==> flow/design.v <==
module cpu_compare_n #(
  parameter integer DWIDTH = 112
) (
  input logic sys_clk,
  input logic [DWIDTH-1:0] op_a_in,
  input logic [DWIDTH-1:0] op_b_in,
  output logic is_gt_out
);
  logic [DWIDTH:0] cc;
  assign cc[0] = 1'b0;
  for (genvar gi = 0; gi < DWIDTH; gi++) begin : lane
    assign cc[gi+1] = (op_a_in[gi] ^ op_b_in[gi]) ? op_a_in[gi] : cc[gi];
  end
  always_ff @(posedge sys_clk) begin
    is_gt_out <= cc[DWIDTH];
  end
endmodule
Step by step through the tools: cpu_compare_n

The steps from the RTL of cpu_compare_n to its reports follow in flow order.
Lines are those of the file above, counted from 1.
Operators: Yosys type, input widths -> output width; for muxes data width and select width s.
Library cell names are shortened.
The mark n/a stands for no value.

Design top: cpu_compare_n
Clock: sys_clk
Standard-cell library: sky130hd
Corner: tt_025C_1v80

Elaborated design

Counts by Yosys on the flattened word-level netlist (proc, flatten, opt, wreduce; memories kept). Register bits leave out memories and registers merged into their read ports (data or address); mux counts leave out enables and synchronous resets folded into registers. Print and check cells are left out. Cells with the same type and inputs are merged into one.

Flip-flop bits (word level): 1
Input port bits: 225
Output and inout bits: 1
Elaborated cells: 225

Muxes and demuxes: 112
Bitwise gates (word level): 112

Operators with widths:

| cell        | number |
| $xor 1x1->1 | 112 |
| $mux 1      | 112 |

Depth

Yosys ltp: most cells in a row. Word level: on the elaborated netlist, between registers, memories and ports. Mapped: between sequential cells and ports; inverters and the memories' decode and read muxes count.

Depth after elaboration: 113
ABC_AREA: 0
Gate-level depth with buffers: 7
Mapped depth without buffers: 7

Netlist

Source: synth_stat.txt of the flow (Yosys; design flattened, memories mapped). It holds for the ABC_AREA given above (unset counts as 0); a run with the other value may have another netlist.

Mapped cells: 330
Chip area (Yosys): 2,118.3 um2
Sequential part of the area: 20.0 um2
Flip-flop cells: 1
Buffers: 0

Cell types:

| cell      | number | area in all (um2) |
| inv_1     | 94     | 352.838 |
| nand2b_1  | 41     | 256.496 |
| nor2b_1   | 32     | 200.192 |
| maj3_1    | 12     | 120.115 |
| o22ai_1   | 17     | 106.352 |
| o2111ai_1 | 11     | 96.342 |
| o221ai_1  | 8      | 70.067 |
| maj3_2    | 6      | 67.565 |
| a22o_1    | 6      | 52.55 |
| a22oi_1   | 7      | 52.55 |
| a21oi_1   | 8      | 40.038 |
| a31oi_1   | 6      | 37.536 |
| a221oi_1  | 4      | 35.034 |
| nor2_1    | 9      | 33.782 |
| a2111oi_2 | 2      | 30.029 |
| nand2_1   | 8      | 30.029 |
| a2111oi_4 | 1      | 27.526 |
| a2bb2oi_1 | 3      | 26.275 |

Not listed: further types 33, cells in them 55.

Worst setup path after synthesis

OpenSTA on the mapped netlist: ideal clock, no wires. The path of least setup slack (recovery checks aside). Input and output delay are each 20% of the period. Register names are those of the netlist, which keeps one name where synthesis merged equal registers.

Path kind: in2reg
Start: input op_a_in[21]
End: register is_gt_out
Period: 2,260 ps
External input delay: 452 ps
Setup time: 140 ps
Time at the first pin: 452 ps
Arrival: 1,756 ps
Required time: 2,120 ps
Setup slack: 364 ps
Path delay: 1,444 ps
Driving pins on the path: 7
Buffers on the path: 0
Synthesis period reached: 1,896 ps

"path delay" = arrival - input delay + setup time.
"driving pins on the path" counts driving pins, that of a launching flip-flop among them; a cell with two outputs on the path counts twice.
"synthesis period reached" = period - worst setup slack (recovery checks aside). The figure is calculated, with input and output delays left at 20% of the set period.
The rows between start and end are the longest chain of elaborated cells between them; the timing report does not say that the signal goes this way. Where chains are equally long, one stands for them.
A line is the first line of the expression or statement that the cell stems from. Yosys adds cells for indexed reads and writes and turns some case tables into memories.

Cell sequence: nand2b_1 -> a31o_1 -> maj3_2 -> a2111oi_1 -> o21ai_1 -> nor3_2 -> o311ai_2
Length of the longest elaborated chain: 92
Elaborated cells between the ends (all ways): 92
Source lines of those cells: 1
Those cells by class: mux: 91; logic: 1

RTL lines, path after synthesis:

| item               | RTL line | text |
| start: declaration | 5        | `input logic [DWIDTH-1:0] op_a_in,` |
| $xor 1x1->1        | 12       | `assign cc[gi+1] = (op_a_in[gi] ^ op_b_in[gi]) ? op_a_in[gi] : cc[gi];` |
| $mux 1 x91         | 12       |  |
| end: assignment    | 15       | `is_gt_out <= cc[DWIDTH];` |
| end: declaration   | 7        | `output logic is_gt_out` |

Worst path after layout

Path of least setup slack in the final report of record 2 (OpenROAD, finished layout, wires in). Where an end is a register, its clock arrival counts in the times.
The report prints the path's times to 10 ps; the period is as set.

Path kind: in2reg
Start: input op_a_in[85]
End: register is_gt_out
Period: 2,380 ps
External input delay: 480 ps
Setup time: 140 ps
Time at the first pin: 480 ps
Arrival: 2,150 ps
Required time: 2,240 ps
Setup slack: 90 ps
Driving pins on the path: 9
Buffers on the path: 2

The rows between start and end are the longest chain of elaborated cells between them; the timing report does not say that the signal goes this way. Where chains are equally long, one stands for them.

Cell sequence: clkdlybuf4s50_1 -> nand2b_1 -> maj3_2 -> maj3_2 -> o211ai_2 -> a21oi_2 -> buf_4 -> o21ai_2 -> o311ai_2
Length of the longest elaborated chain: 28
Elaborated cells between the ends (all ways): 28
Source lines of those cells: 1
Those cells by class: mux: 27; logic: 1

RTL lines, path post-layout:

| item               | RTL line | text |
| start: declaration | 5        | `input logic [DWIDTH-1:0] op_a_in,` |
| $xor 1x1->1        | 12       | `assign cc[gi+1] = (op_a_in[gi] ^ op_b_in[gi]) ? op_a_in[gi] : cc[gi];` |
| $mux 1 x27         | 12       |  |
| end: assignment    | 15       | `is_gt_out <= cc[DWIDTH];` |
| end: declaration   | 7        | `output logic is_gt_out` |

Subject: cpu_compare_n on sky130hd, stored results

Hello all,

Design cpu_compare_n on sky130hd. What follows are 3 stored runs of the flow, each under its own settings; their order means nothing. The constraints put input and output delay at 20% of the set period each and load the outputs with 0.01 pF.
"clock period achieved" is the run's clock period less its worst setup slack. It is reckoned from that one timing run; input and output delays stay at 20% of the period that was set.
By "total power after layout" is meant OpenSTA's value without simulated activity: inputs other than the clock are taken to toggle once in ten clock periods, and the tool carries that through the logic.
Among the settings, -- means not set for that run.
Among the results, -- means that no value is shown for the run.

| item                                  | record 1 | record 2 | record 3 |
| period_ns                             | 2.26     | 2.38     | 1.45     |
| CAP_MARGIN                            | 20       | 20       | 20       |
| CORE_MARGIN                           | 2        | 2        | 4        |
| CORE_UTILIZATION                      | 40       | 16       | 27       |
| SLEW_MARGIN                           | 20       | 20       | 20       |
| PLACE_DENSITY_LB_ADDON                | --       | 0.07     | 0.22     |
| CORE_ASPECT_RATIO                     | --       | 1.08     | 0.61     |
| CELL_PAD_IN_SITES_GLOBAL_PLACEMENT    | --       | 3        | 1        |
| TNS_END_PERCENT                       | --       | 60       | 15       |
| CTS_CLUSTER_SIZE                      | --       | 62       | --       |
| MIN_ROUTING_LAYER                     | --       | met2     | met1     |
| SETUP_SLACK_MARGIN                    | --       | --       | 0.32     |
| CELL_PAD_IN_SITES_DETAIL_PLACEMENT    | --       | --       | 2        |
| MAX_ROUTING_LAYER                     | --       | --       | met5     |
| synthesis area (um2)                  | --       | 2,118.3  | --       |
| total die area (um2)                  | --       | 14,176.5 | --       |
| standard-cell area after layout (um2) | --       | 5,784.3  | --       |
| utilization in the final report (%)   | --       | 44.8     | --       |
| worst setup slack after layout (ps)   | --       | 92       | --       |
| summed negative setup slack (ps)      | --       | 0        | --       |
| lowest hold slack (ps)                | --       | 1,048    | --       |
| total power after layout (µW)         | --       | 927.5    | --       |
| clock period achieved (ps)            | --       | 2,288    | --       |

Record 1: no results, routing failed with GRT-0116
Record 3: no results, placement failed with DPL-0033

Thanks
